==> flow/design.v <==
module dp_reg_file #(
   parameter integer ENTRIES = 16,
   parameter integer DATA_WIDTH = 20,
   parameter integer NUM_RD = 4,
   parameter integer NW = 5,
   parameter integer ADDR_WIDTH = $clog2(ENTRIES)
) (
   input  core_clk,
   input  clr,
   input  [NW-1:0] in_we,
   input  [NW*ADDR_WIDTH-1:0] in_wr_idx,
   input  [NW*DATA_WIDTH-1:0] in_write_data,
   input  [NUM_RD*ADDR_WIDTH-1:0] in_ra,
   output [NUM_RD*DATA_WIDTH-1:0] out_q
);
   reg [NW-1:0] we_q;
   reg [NW*ADDR_WIDTH-1:0] wr_idx_q;
   reg [NW*DATA_WIDTH-1:0] write_data_q;
   reg [DATA_WIDTH-1:0] array [ENTRIES-1:0];
   integer idx;
   always @(posedge core_clk) begin
      for (idx = 0; idx < NW; idx = idx + 1)
         if (we_q[idx]) array[wr_idx_q[idx*ADDR_WIDTH +: ADDR_WIDTH]] <= write_data_q[idx*DATA_WIDTH +: DATA_WIDTH];
   end
   reg [NUM_RD*ADDR_WIDTH-1:0] ra_q;
   wire [NUM_RD*DATA_WIDTH-1:0] t;
   genvar gj;
   generate
      for (gj = 0; gj < NUM_RD; gj = gj + 1) begin : lane
         assign t[gj*DATA_WIDTH +: DATA_WIDTH] = array[ra_q[gj*ADDR_WIDTH +: ADDR_WIDTH]];
      end
   endgenerate
   assign out_q = t;
   always @(posedge core_clk or posedge clr) begin
      if (clr) begin
         we_q <= 0;
         wr_idx_q <= 0;
         write_data_q <= 0;
         ra_q <= 0;
      end else begin
         we_q <= in_we;
         wr_idx_q <= in_wr_idx;
         write_data_q <= in_write_data;
         ra_q <= in_ra;
      end
   end
endmodule
* From RTL to reports: dp_reg_file *
What the tools print for dp_reg_file, step after step.
Lines are those of the file above, counted from 1.
Operators carry their Yosys type and port widths (W data, S select, Z words).
Library cell names are shortened.
A cell with -- has no value.

design
  top module = dp_reg_file
  clock = core_clk
  library = sky130hd
  corner = tt_025C_1v80

* After elaboration *
Yosys after proc, flatten, opt, wreduce and memory -nomap, before mapping. Enables and synchronous resets that opt folds into registers are not counted as muxes. Memory bits, and registers merged into a memory's read port (data or address), are not among the register bits. Print and check cells are not counted. Equal cells are merged and count once.
Yosys's memory passes give these memory sizes; they may raise the number of words (mostly to a power of two), join words into wider ones and drop unused or constant bits.

storage and ports
  bits in registers = 141
  memory bits (writable) = 320
  memory cells = 1
  input bits = 143
  output and inout port bits = 80
  word-level cells = 20

memories
  name   words  width  rd ports  write ports  RTL line  source
  array  16     20     4         5            19        reg [DATA_WIDTH-1:0] array [ENTRIES-1:0];

operators by class
  multiplexer cells = 15

operator list
  kind      count
  $mux W20  5
  $mux W4   5
  $mux W1   5

* Logic depth *
Yosys ltp: most cells in a row. Word level: on the elaborated netlist, between registers, memories and ports. Mapped: between sequential cells and ports; inverters and the memories' decode and read muxes count.

depth
  word-level depth = 1
  ABC_AREA = 1
  mapped depth = 11
  mapped depth without buffers = 9

* Netlist *
Yosys stat after the flow's synthesis: flattened, memories mapped to cells. It holds for the ABC_AREA given above (unset counts as 0); a run with the other value may have another netlist.
The area totals of this step are shown rounded.

mapped netlist
  cells in the netlist = 6,414
  synthesis area = 40,300 um^2
  area of sequential cells = 13,100 um^2
  flip-flop cells = 461
  buffers = 679

cell types
  cell      count  total area (um^2)
  edfxtp_1  320    9.61E+03
  nand2_1   1,506  5.65E+03
  a21oi_1   887    4.44E+03
  nand3_1   884    4.42E+03
  dfrtp_1   141    3.53E+03
  o21ai_0   530    2.65E+03
  o211ai_1  326    2.45E+03
  inv_1     492    1.85E+03
  nor2_1    485    1.82E+03
  clkbuf_1  419    1.57E+03
  buf_2     156    780.749
  nand4_1   107    669.392
  buf_1     85     319.056
  buf_4     16     120.115
  nor3_1    17     85.082
  a21oi_2   8      70.067
  nor2_2    9      56.304
  a31oi_1   5      31.28

Not listed: further types 8, cells in them 21.

* Path before layout *
Path of least setup slack by OpenSTA after synthesis, without wires, with an ideal clock, recovery checks aside; 20% of the period is set as input and as output delay. Where synthesis merged equal registers, the netlist keeps one of their names.

path post-synthesis
  path type = flip-flop to flip-flop
  from = reg wr_idx_q[18]
  to = mem array[15][0]
  clock period = 2.9 ns
  library setup time = 0.496 ns
  launch time at the first pin = 0.000 ns
  data arrival time = 1.815 ns
  data required time = 2.404 ns
  setup slack = 0.589 ns
  delay of the path = 2.311 ns
  stages = 7
  buffers on the path = 2
  period reached after synthesis = 2.311 ns

"delay of the path" = arrival - input delay + setup time.
"stages" counts driving pins, that of a launching flip-flop among them; a cell with two outputs on the path counts twice.
"period reached after synthesis" is the clock period less the worst setup slack; recovery checks do not enter. This is arithmetic on one report: input and output delays are still those of the set period (20% each).
The rows between start and end are the longest chain of elaborated cells between them; the timing report does not say that the signal goes this way. Where chains are equally long, one stands for them.
A line is the first line of the expression or statement that the cell stems from. Yosys adds cells for indexed reads and writes and turns some case tables into memories.

between the ends, post-synthesis
  cell sequence = dfrtp_1 -> nand2_1 -> inv_1 -> nand2_1 -> clkbuf_1 -> clkbuf_1 -> nand4_1
  cells in the longest elaborated chain = 1
  elaborated cells between the ends (all ways) = 1
  RTL lines with such cells = 1
  those cells by class = mux (1)

RTL lines, path post-synthesis
  what                RTL line  source
  start: declaration  17        reg [NW*ADDR_WIDTH-1:0] wr_idx_q;
  start: assignment   37        wr_idx_q <= 0;
  start: assignment   42        wr_idx_q <= in_wr_idx;
  $mux W4             23        if (we_q[idx]) array[wr_idx_q[idx*ADDR_WIDTH +: ADDR_WIDTH]] <= write_data_q[idx*DATA_WIDTH +: DATA_WIDTH];
  end: declaration    19        reg [DATA_WIDTH-1:0] array [ENTRIES-1:0];

* Path in the finished layout *
From the final timing report of run A: the path of least setup slack in the routed layout; clock arrival at registers is part of the times.

path after layout
  path type = flip-flop to output port
  from = reg ra_q[12]
  to = out out_q[69]
  clock period = 1.67 ns
  external output delay = 0.33 ns
  launch time at the first pin = 0.69 ns
  data arrival time = 2.68 ns
  data required time = 1.34 ns
  setup slack = -1.34 ns
  stages = 10
  buffers on the path = 4

The rows between start and end are the longest chain of elaborated cells between them; the timing report does not say that the signal goes this way. Where chains are equally long, one stands for them.
A memory read counts as a cell of the chain, while the word-level depth stops at memories.

between the ends, after layout
  cell sequence = dfrtp_4 -> buf_12 -> buf_12 -> buf_16 -> nand2_1 -> o211ai_1 -> nand3_1 -> nand3_2 -> nand2_2 -> buf_6
  cells in the longest elaborated chain = 1
  elaborated cells between the ends (all ways) = 1
  RTL lines with such cells = 1
  those cells by class = memory (1)

RTL lines, path after layout
  what                RTL line  source
  start: declaration  25        reg [NUM_RD*ADDR_WIDTH-1:0] ra_q;
  start: assignment   39        ra_q <= 0;
  start: assignment   44        ra_q <= in_ra;
  $mem_v2 Z16 W20     19        reg [DATA_WIDTH-1:0] array [ENTRIES-1:0];
  end: declaration    14        output [NUM_RD*DATA_WIDTH-1:0] out_q

Subject: flow runs of dp_reg_file

Hi,

Measured results for dp_reg_file: 3 stored runs of the Yosys and OpenROAD flow on sky130hd. The settings differ; the order carries no meaning. The constraints put input and output delay at 20% of the set period each and load the outputs with 0.01 pF.
"period reached" means the clock period less the worst setup slack. The figure is calculated, with input and output delays left at 20% of the set period.
"allowed time less slack (worst setup path)" is the time allowed to the run's worst setup path (the clock period less input and output delay, where it has them) less its slack. Clock arrival times count: a late capture clock shortens it, a late launch clock lengthens it.
The measured numbers are rounded.
A setting shown as . is not set for that run.
Among the results, . means that no value is shown for the run.

name                                             run A                     run B  run C
period_ns                                        1.67                      1.8    2.9
CORE_UTILIZATION                                 32                        56     40
SETUP_SLACK_MARGIN                               0.3                       .      .
PLACE_DENSITY_LB_ADDON                           0.1                       0.1    .
HOLD_SLACK_MARGIN                                0.15                      .      .
CORE_ASPECT_RATIO                                0.69                      .      .
CELL_PAD_IN_SITES_GLOBAL_PLACEMENT               2                         1      .
CELL_PAD_IN_SITES_DETAIL_PLACEMENT               2                         .      .
TNS_END_PERCENT                                  15                        .      .
ABC_AREA                                         1                         .      .
GPL_ROUTABILITY_DRIVEN                           1                         .      .
CAP_MARGIN                                       20                        20     20
CORE_MARGIN                                      2                         2      2
SLEW_MARGIN                                      20                        5      20
CTS_CLUSTER_SIZE                                 .                         35     .
MAX_ROUTING_LAYER                                .                         met4   .
chip area in the Yosys report (um^2)             40,300                    .      35,000
overall die area (um^2)                          129,000                   .      90,000
final design utilization                         0.473                     .      0.516
setup slack of the worst path (ns)               -1.34                     .      -0.220
final setup TNS (ns)                             -544                      .      -9.78
period reached (ns)                              3.013                     .      3.120
allowed time less slack (worst setup path) (ns)  2.68                      .      2.54
class of the worst setup path                    flip-flop to output port  .      flip-flop to output port

Run B: incomplete, routing halted on GRT-0232

Regards
